==> flow/design.v <==
module core_switch #(
    parameter DATA_W = 16,
    parameter INPUTS = 3,
    parameter LG = $clog2(INPUTS)
) (
    input wire clk,
    input wire nrst,
    input wire [INPUTS*DATA_W-1:0] i_bus,
    input wire [LG-1:0] i_select,
    output wire [DATA_W-1:0] o_data_out
);
    reg [INPUTS*DATA_W-1:0] bus_q;
    reg [LG-1:0] select_q;
    wire [INPUTS*DATA_W-1:0] cur = bus_q >> (select_q * DATA_W);
    assign o_data_out = cur[DATA_W-1:0];
    always @(posedge clk) begin
        if (!nrst) begin
            bus_q <= 0;
            select_q <= 0;
        end else begin
            bus_q <= i_bus;
            select_q <= i_select;
        end
    end
endmodule
---- Tool chain data of core_switch ----
Tool output for the design above, in the order of the flow.
Lines are those of the file above, counted from 1.
A cell with -- has no value.
inputs
  top module .............................. core_switch
  clock port .............................. clk
  cell library ............................ sky130hd
  timing corner ........................... tt_025C_1v80

---- After elaboration ----
Yosys after proc, flatten, opt, wreduce and memory -nomap, before mapping. Enables and synchronous resets that opt folds into registers are not counted as muxes. Memory bits, and registers merged into a memory's read port (data or address), are not among the register bits. Print and check cells are not counted. Equal cells are merged and count once.
cells by class
  shift-type cells ........................ 1
operators with widths
  cell                          count
  right shift 48 x 6 -> 16 bit  1
word-level totals
  register bits after elaboration ......... 50
  bits of input ports ..................... 52

---- Depth ----
Yosys ltp: most cells in a row. Word level: on the elaborated netlist, between registers, memories and ports. Mapped: between sequential cells and ports; inverters and the memories' decode and read muxes count.
logic depth
  depth in word-level cells ............... 1
  ABC_AREA ................................ 0
  gate-level depth with buffers ........... 5
  depth with buffers taken out ............ 2

---- Netlist ----
The flow's flattened synthesis, as Yosys stat reports it; memories are mapped. The netlist is that of the ABC_AREA named above (0 if unset); the other value can give another one.
cells by type
  type                        count
  sky130_fd_sc_hd__dfxtp_1    50
  sky130_fd_sc_hd__and2_1     50
  sky130_fd_sc_hd__mux2i_1    16
  sky130_fd_sc_hd__o2bb2ai_1  16
  sky130_fd_sc_hd__buf_6      3
  sky130_fd_sc_hd__buf_8      2
  sky130_fd_sc_hd__clkbuf_1   6
  sky130_fd_sc_hd__nor2b_4    1
mapped netlist
  mapped cells ............................ 144
  mapped area ............................. 1714.1 um^2
  sequential part of the area ............. 1001.0 um^2
  flip-flop cells ......................... 50

---- Timing after synthesis ----
OpenSTA on the mapped netlist: ideal clock, no wires. The path of least setup slack (recovery checks aside). Input and output delay are each 20% of the period. Register names are those of the netlist, which keeps one name where synthesis merged equal registers.
timing post-synthesis
  path kind ............................... register to output
  start ................................... register select_q[0]
  end ..................................... output port o_data_out[11]
  period .................................. 1.44 ns
  external output delay ................... 0.288 ns
  launch time at the first pin ............ 0.000 ns
  arrival ................................. 0.922 ns
  required time ........................... 1.152 ns
  slack ................................... 0.230 ns
  delay of the path ....................... 0.922 ns
  stages on the path ...................... 6
  synthesis period reached ................ 1.21 ns
"delay of the path" = arrival - input delay + setup time.
A path that ends at an output port has no setup time.
"stages on the path" counts driving pins, that of a launching flip-flop among them; a cell with two outputs on the path counts twice.
"synthesis period reached" = period - worst setup slack (recovery checks aside). The figure is calculated, with input and output delays left at 20% of the set period.
Between the ends stands the longest chain of elaborated cells between them, by number of cells; it is not shown to be the way that was timed. Of several equally long chains one is given.
Each line given opens the expression or statement behind the cell; cells for indexed reads and writes are added by Yosys, which also makes memories of some case tables.
between the ends, post-synthesis
  path through ............................ sky130_fd_sc_hd__dfxtp_1 > sky130_fd_sc_hd__buf_6 > sky130_fd_sc_hd__nor2b_4 > sky130_fd_sc_hd__buf_6 > sky130_fd_sc_hd__buf_8 > sky130_fd_sc_hd__o2bb2ai_1
  cells in the longest elaborated chain ... 1
ends and longest elaborated chain, post-synthesis
  item                          RTL line  RTL
  start, declared               13        reg [LG-1:0] select_q;
  start, assigned               19        select_q <= 0;
  start, assigned               22        select_q <= i_select;
  right shift 48 x 6 -> 16 bit  14        wire [INPUTS*DATA_W-1:0] cur = bus_q >> (select_q * DATA_W);
  end, declared                 10        output wire [DATA_W-1:0] o_data_out

---- Worst path after layout ----
Path of least setup slack in the final report of run 3 (OpenROAD, finished layout, wires in). Where an end is a register, its clock arrival counts in the times.
timing after layout
  path kind ............................... register to output
  start ................................... register select_q[1]
  end ..................................... output port o_data_out[13]
  period .................................. 1.44 ns
  external output delay ................... 0.29 ns
  launch time at the first pin ............ 0.28 ns
  arrival ................................. 1.29 ns
  required time ........................... 1.15 ns
  slack ................................... -0.13 ns
  stages on the path ...................... 5
Between the ends stands the longest chain of elaborated cells between them, by number of cells; it is not shown to be the way that was timed. Of several equally long chains one is given.
between the ends, after layout
  path through ............................ sky130_fd_sc_hd__dfxtp_4 > sky130_fd_sc_hd__buf_8 > sky130_fd_sc_hd__mux2i_1 > sky130_fd_sc_hd__o2bb2ai_2 > sky130_fd_sc_hd__buf_2
  cells in the longest elaborated chain ... 1
ends and longest elaborated chain, after layout
  item                          RTL line  RTL
  start, declared               13        reg [LG-1:0] select_q;
  start, assigned               19        select_q <= 0;
  start, assigned               22        select_q <= i_select;
  right shift 48 x 6 -> 16 bit  14        wire [INPUTS*DATA_W-1:0] cur = bus_q >> (select_q * DATA_W);
  end, declared                 10        output wire [DATA_W-1:0] o_data_out

# Flow runs of core_switch

Design core_switch on sky130hd. What follows are 3 stored runs of the flow, each under its own settings; their order means nothing. The constraints put input and output delay at 20% of the set period each and load the outputs with 0.01 pF.
"achieved period": clock period set for the run, less the worst setup slack. It is reckoned from that one timing run; input and output delays stay at 20% of the period that was set.
"time used up by the worst setup path" = time allowed to the worst setup path (clock period - input delay - output delay, where it has them) - its slack; a late launch clock adds to it, a late capture clock takes from it.
"total power after layout" rests on the timing tool's default activity at the inputs, not on a simulated workload.

---- run 1 ----
settings
  period_ns = 1.31
  CORE_UTILIZATION = 59
  PLACE_DENSITY_LB_ADDON = 0.22
  CORE_ASPECT_RATIO = 0.68
  CORE_MARGIN = 6
  CELL_PAD_IN_SITES_GLOBAL_PLACEMENT = 3
  CELL_PAD_IN_SITES_DETAIL_PLACEMENT = 2
  GPL_TIMING_DRIVEN = 1
  CTS_CLUSTER_SIZE = 72
  SLEW_MARGIN = 25
  MAX_ROUTING_LAYER = met5
  CAP_MARGIN = 20
results
  stopped before the end: placement reported FLW-0024

---- run 2 ----
settings
  period_ns = 1.09
  CORE_UTILIZATION = 72
  SETUP_SLACK_MARGIN = 0.14
  PLACE_DENSITY_LB_ADDON = 0.26
  CORE_ASPECT_RATIO = 1.3
  CORE_MARGIN = 9
  TNS_END_PERCENT = 100
  ABC_AREA = 1
  MIN_ROUTING_LAYER = met2
  MAX_ROUTING_LAYER = met5
  CAP_MARGIN = 20
  SLEW_MARGIN = 20
results
  stopped before the end: placement reported FLW-0024

---- run 3 ----
settings
  period_ns = 1.44
  CAP_MARGIN = 20
  CORE_MARGIN = 2
  CORE_UTILIZATION = 40
  SLEW_MARGIN = 20
results
  die size ................................ 4824.7 um^2
  worst slack on setup checks ............. -0.134 ns
  post-route utilization .................. 63.4 %
  worst hold slack in the final report .... 0.575 ns
  standard-cell area after routing ........ 2571.2 um^2
  time used up by the worst setup path .... 1.29 ns
  worst path kind ......................... register to output
  total negative slack .................... -1.626 ns
  total power after layout ................ 2623 uW
  Yosys chip area after synthesis ......... 1714.1 um^2
  achieved period ......................... 1.574 ns
